==> flow/design.v <==
module reg_bank_n #(
    parameter integer NREGS = 128,
    parameter integer WD = 10,
    parameter integer AW = $clog2(NREGS)
) (
    input wire clk,
    input wire rst_ni,
    input wire en,
    input wire write_in,
    input wire [AW-1:0] wr_addr_in,
    input wire [WD-1:0] wr_data_in,
    input wire [AW-1:0] raddr1_in,
    input wire [AW-1:0] raddr2_in,
    output wire [WD-1:0] dout1_out,
    output wire [WD-1:0] dout2_out
);
    reg write_reg;
    always @(posedge clk) begin
        if (!rst_ni) begin
            write_reg <= 1'b0;
        end else if (en) begin
            write_reg <= write_in;
        end
    end
    reg [AW-1:0] wr_addr_reg;
    always @(posedge clk) begin
        if (!rst_ni) begin
            wr_addr_reg <= 0;
        end else if (en) begin
            wr_addr_reg <= wr_addr_in;
        end
    end
    reg [WD-1:0] wr_data_reg;
    always @(posedge clk) begin
        if (!rst_ni) begin
            wr_data_reg <= 0;
        end else if (en) begin
            wr_data_reg <= wr_data_in;
        end
    end
    reg [WD-1:0] gpr [NREGS-1:0];
    always @(posedge clk) begin
        if (en && write_reg)
            gpr[wr_addr_reg] <= wr_data_reg;
    end
    reg [AW-1:0] raddr1_reg;
    always @(posedge clk) begin
        if (!rst_ni) begin
            raddr1_reg <= 0;
        end else if (en) begin
            raddr1_reg <= raddr1_in;
        end
    end
    reg [AW-1:0] raddr2_reg;
    always @(posedge clk) begin
        if (!rst_ni) begin
            raddr2_reg <= 0;
        end else if (en) begin
            raddr2_reg <= raddr2_in;
        end
    end
    assign dout1_out = (write_reg && wr_addr_reg == raddr1_reg) ? wr_data_reg : gpr[raddr1_reg];
    assign dout2_out = (write_reg && wr_addr_reg == raddr2_reg) ? wr_data_reg : gpr[raddr2_reg];
endmodule
Tool chain data of reg_bank_n
The steps from the RTL of reg_bank_n to its reports follow in flow order.
Lines are those of the file above, counted from 1.
Operators: Yosys type, input widths -> output width; for muxes data width and select width s.
{ "inputs": {"design": "reg_bank_n", "clk_port": "clk", "cell_library": "sky130hd", "pvt_corner": "tt_025C_1v80"} }

After elaboration
Source: Yosys, flattened and elaborated, memories not mapped. Widths are those after wreduce. Print and check cells do not count. Equal cells are merged and count once.
Yosys's memory passes give these memory sizes; they may raise the number of words (mostly to a power of two), join words into wider ones and drop unused or constant bits.
{ "bits": {"ff_bits": 32, "latchBits": 0, "ram_bits": 1280, "romBits": 0, "clocked_rd_ports_x_width": 20, "n_memories": 1, "in_bits": 35, "output_inout_bits": 20, "elab_cells": 20} }
{ "classes": {"n_addsub": 0, "n_mul": 0, "div_mod_pow": 0, "compare": 0, "equal": 2, "n_shift": 0, "muxes": 9, "bitwise": 0, "reduce_logical": 3} }
{ "memory_table": {"columns": ["name", "size", "word_bits", "rd", "write_ports", "line_no", "text"], "rows": [
  ["gpr", 128, 10, 2, 1, 41, "reg [WD-1:0] gpr [NREGS-1:0];"]
]} }
{ "op_table": {"columns": ["op", "n"], "rows": [
  ["$mux 7", 5],
  ["$mux 10", 3],
  ["$eq 7x7->1", 2],
  ["$logic_and 1x1->1", 3],
  ["$mux 1", 1]
]} }

Logic depth
Depth = most cells in a row (Yosys ltp): at word level without a register or memory, in the mapped netlist without a sequential cell, where the memories' decode and read muxes count.
{ "logic_depth": {"word_depth": 3, "ABC_AREA": 0, "mapped_depth": 13, "mapped_depth_nobuf": 6} }

After synthesis
Yosys stat after the flow's synthesis: flattened, memories mapped to cells. It holds for the ABC_AREA given above (unset counts as 0); a run with the other value may have another netlist.
{ "synth_totals": {"cells": 3743, "synth_area_mm2": 0.0632382, "seq_area_mm2": 0.0393577, "ffs": 1326, "buf_cells": 297} }
{ "types": {"columns": ["cell", "n", "type_area_um2"], "rows": [
  ["sky130_fd_sc_hd__edfxtp_1", 1280, 3.84E+04],
  ["sky130_fd_sc_hd__mux4_2", 416, 9.37E+03],
  ["sky130_fd_sc_hd__mux2i_1", 455, 4.55E+03],
  ["sky130_fd_sc_hd__mux2_2", 114, 1.28E+03],
  ["sky130_fd_sc_hd__dfxtp_1", 46, 920.883],
  ["sky130_fd_sc_hd__o221ai_1", 97, 849.565],
  ["sky130_fd_sc_hd__nor2_1", 193, 724.445],
  ["sky130_fd_sc_hd__nand2_1", 181, 679.402],
  ["sky130_fd_sc_hd__clkbuf_1", 126, 472.954],
  ["sky130_fd_sc_hd__buf_2", 88, 440.422],
  ["sky130_fd_sc_hd__a22oi_1", 56, 420.403],
  ["sky130_fd_sc_hd__o22ai_1", 67, 419.152],
  ["sky130_fd_sc_hd__a21oi_1", 80, 400.384],
  ["sky130_fd_sc_hd__nor2b_1", 55, 344.08],
  ["sky130_fd_sc_hd__buf_4", 39, 292.781],
  ["sky130_fd_sc_hd__a221oi_1", 33, 289.027],
  ["sky130_fd_sc_hd__buf_6", 21, 236.477],
  ["sky130_fd_sc_hd__a31oi_1", 33, 206.448]
]} }
Other cell types: 47; their cells: 363.

Path before layout
Source: OpenSTA report_checks on the synthesized netlist (no wires, ideal clock, input and output delay 20% of the period each), path of least setup slack; recovery checks are left aside. Register names are those of the netlist, which keeps one name where synthesis merged equal registers.
{ "synth_timing": {"path_type": "flip-flop to output port", "start": "register wr_data_reg[8]", "end": "output port dout1_out[8]", "period_ns": 4.17, "output_delay_ns": 0.834, "launch_ns": 0.000, "arrival_time_ns": 2.668, "required_time_ns": 3.336, "path_slack_ns": 0.668, "path_delay_ns": 2.668, "driving_pins": 3, "n_path_buf": 0, "synth_period_reached_ns": 3.502} }
"path_delay_ns" is the arrival time less input delay plus setup time.
At an output port there is no setup time.
"driving_pins" counts driving pins, that of a launching flip-flop among them; a cell with two outputs on the path counts twice.
"synth_period_reached_ns" is the clock period less the worst setup slack; recovery checks do not enter. This is arithmetic on one report: input and output delays are still those of the set period (20% each).
The rows between start and end are the longest chain of elaborated cells between them; the timing report does not say that the signal goes this way. Where chains are equally long, one stands for them.
Each line given opens the expression or statement behind the cell; cells for indexed reads and writes are added by Yosys, which also makes memories of some case tables.
{ "synth_between": {"path_cell_list": "sky130_fd_sc_hd__dfxtp_1 > sky130_fd_sc_hd__o21ai_0 > sky130_fd_sc_hd__nor4_1", "elab_chain_len": 1, "cells_between": 1, "lines_between": 1, "classes_between": "mux (1)"} }
{ "synth_rtl": {"columns": ["element", "line_no", "text"], "rows": [
  ["start: declaration", 33, "reg [WD-1:0] wr_data_reg;"],
  ["start: assignment", 36, "wr_data_reg <= 0;"],
  ["start: assignment", 38, "wr_data_reg <= wr_data_in;"],
  ["$mux 10", 62, "assign dout1_out = (write_reg && wr_addr_reg == raddr1_reg) ? wr_data_reg : gpr[raddr1_reg];"],
  ["end: declaration", 14, "output wire [WD-1:0] dout1_out,"]
]} }

Worst path after layout
From the final timing report of flow run A: the path of least setup slack in the routed layout; clock arrival at registers is part of the times.
{ "layout_timing": {"path_type": "flip-flop to output port", "start": "register (name not given)", "end": "output port dout2_out[5]", "period_ns": 4.17, "output_delay_ns": 0.83, "launch_ns": 0.80, "arrival_time_ns": 3.72, "required_time_ns": 3.34, "path_slack_ns": -0.38, "driving_pins": 11, "n_path_buf": 5} }
{ "layout_between": {"path_cell_list": "sky130_fd_sc_hd__dfxtp_4 > sky130_fd_sc_hd__buf_4 > sky130_fd_sc_hd__buf_16 > sky130_fd_sc_hd__mux4_2 > sky130_fd_sc_hd__mux2i_2 > sky130_fd_sc_hd__o32ai_1 > sky130_fd_sc_hd__buf_4 > sky130_fd_sc_hd__a2111oi_4 > sky130_fd_sc_hd__buf_4 > sky130_fd_sc_hd__a2111oi_4 > sky130_fd_sc_hd__buf_2"} }
{ "layout_rtl": {"columns": ["element", "line_no", "text"], "rows": [
  ["end: declaration", 15, "output wire [WD-1:0] dout2_out"]
]} }
Chain of elaborated cells between the ends: none given.

Wiki page: reg_bank_n / flow data

Top module reg_bank_n; platform sky130hd; tools Yosys and OpenROAD; 2 stored runs in no particular order. Input and output delays are each 20% of the period that was set; the output load is 0.01 pF.
"worst_path_allowed_less_slack_ns" is the time allowed to the run's worst setup path (the clock period less input and output delay, where it has them) less its slack. Clock arrival times count: a late capture clock shortens it, a late launch clock lengthens it.
"power_mw" rests on the timing tool's default activity at the inputs, not on a simulated workload.
[
  {
    "run": "flow run A",
    "settings": { "period_ns": 4.17, "CAP_MARGIN": 20, "CORE_MARGIN": 2, "CORE_UTILIZATION": 40, "SLEW_MARGIN": 20 },
    "results": { "power_mw": 31.435, "timing.hold.ws_ns": 0.555, "post_route_stdcell_area_mm2": 0.0784728, "fin_ws_ns": -0.379, "design_die_area_mm2": 0.161291, "tns_ns": -4.571, "yosys.chip_area_mm2": 0.0632382, "worst_path_allowed_less_slack_ns": 3.72, "critical_path_type": "flip-flop to output port" }
  },
  {
    "run": "flow run B",
    "settings": { "period_ns": 3.69, "CORE_UTILIZATION": 63, "CORE_ASPECT_RATIO": 1.98, "TNS_END_PERCENT": 25, "GPL_TIMING_DRIVEN": 1, "CTS_CLUSTER_DIAMETER": 205, "SLEW_MARGIN": 30, "MAX_ROUTING_LAYER": "met5", "CAP_MARGIN": 20, "CORE_MARGIN": 2 },
    "results": { "power_mw": 33.123, "timing.hold.ws_ns": 0.448, "post_route_stdcell_area_mm2": 0.0759178, "fin_ws_ns": -0.691, "design_die_area_mm2": 0.103076, "tns_ns": -11.349, "yosys.chip_area_mm2": 0.0632382, "worst_path_allowed_less_slack_ns": 3.64, "critical_path_type": "flip-flop to output port" }
  }
]
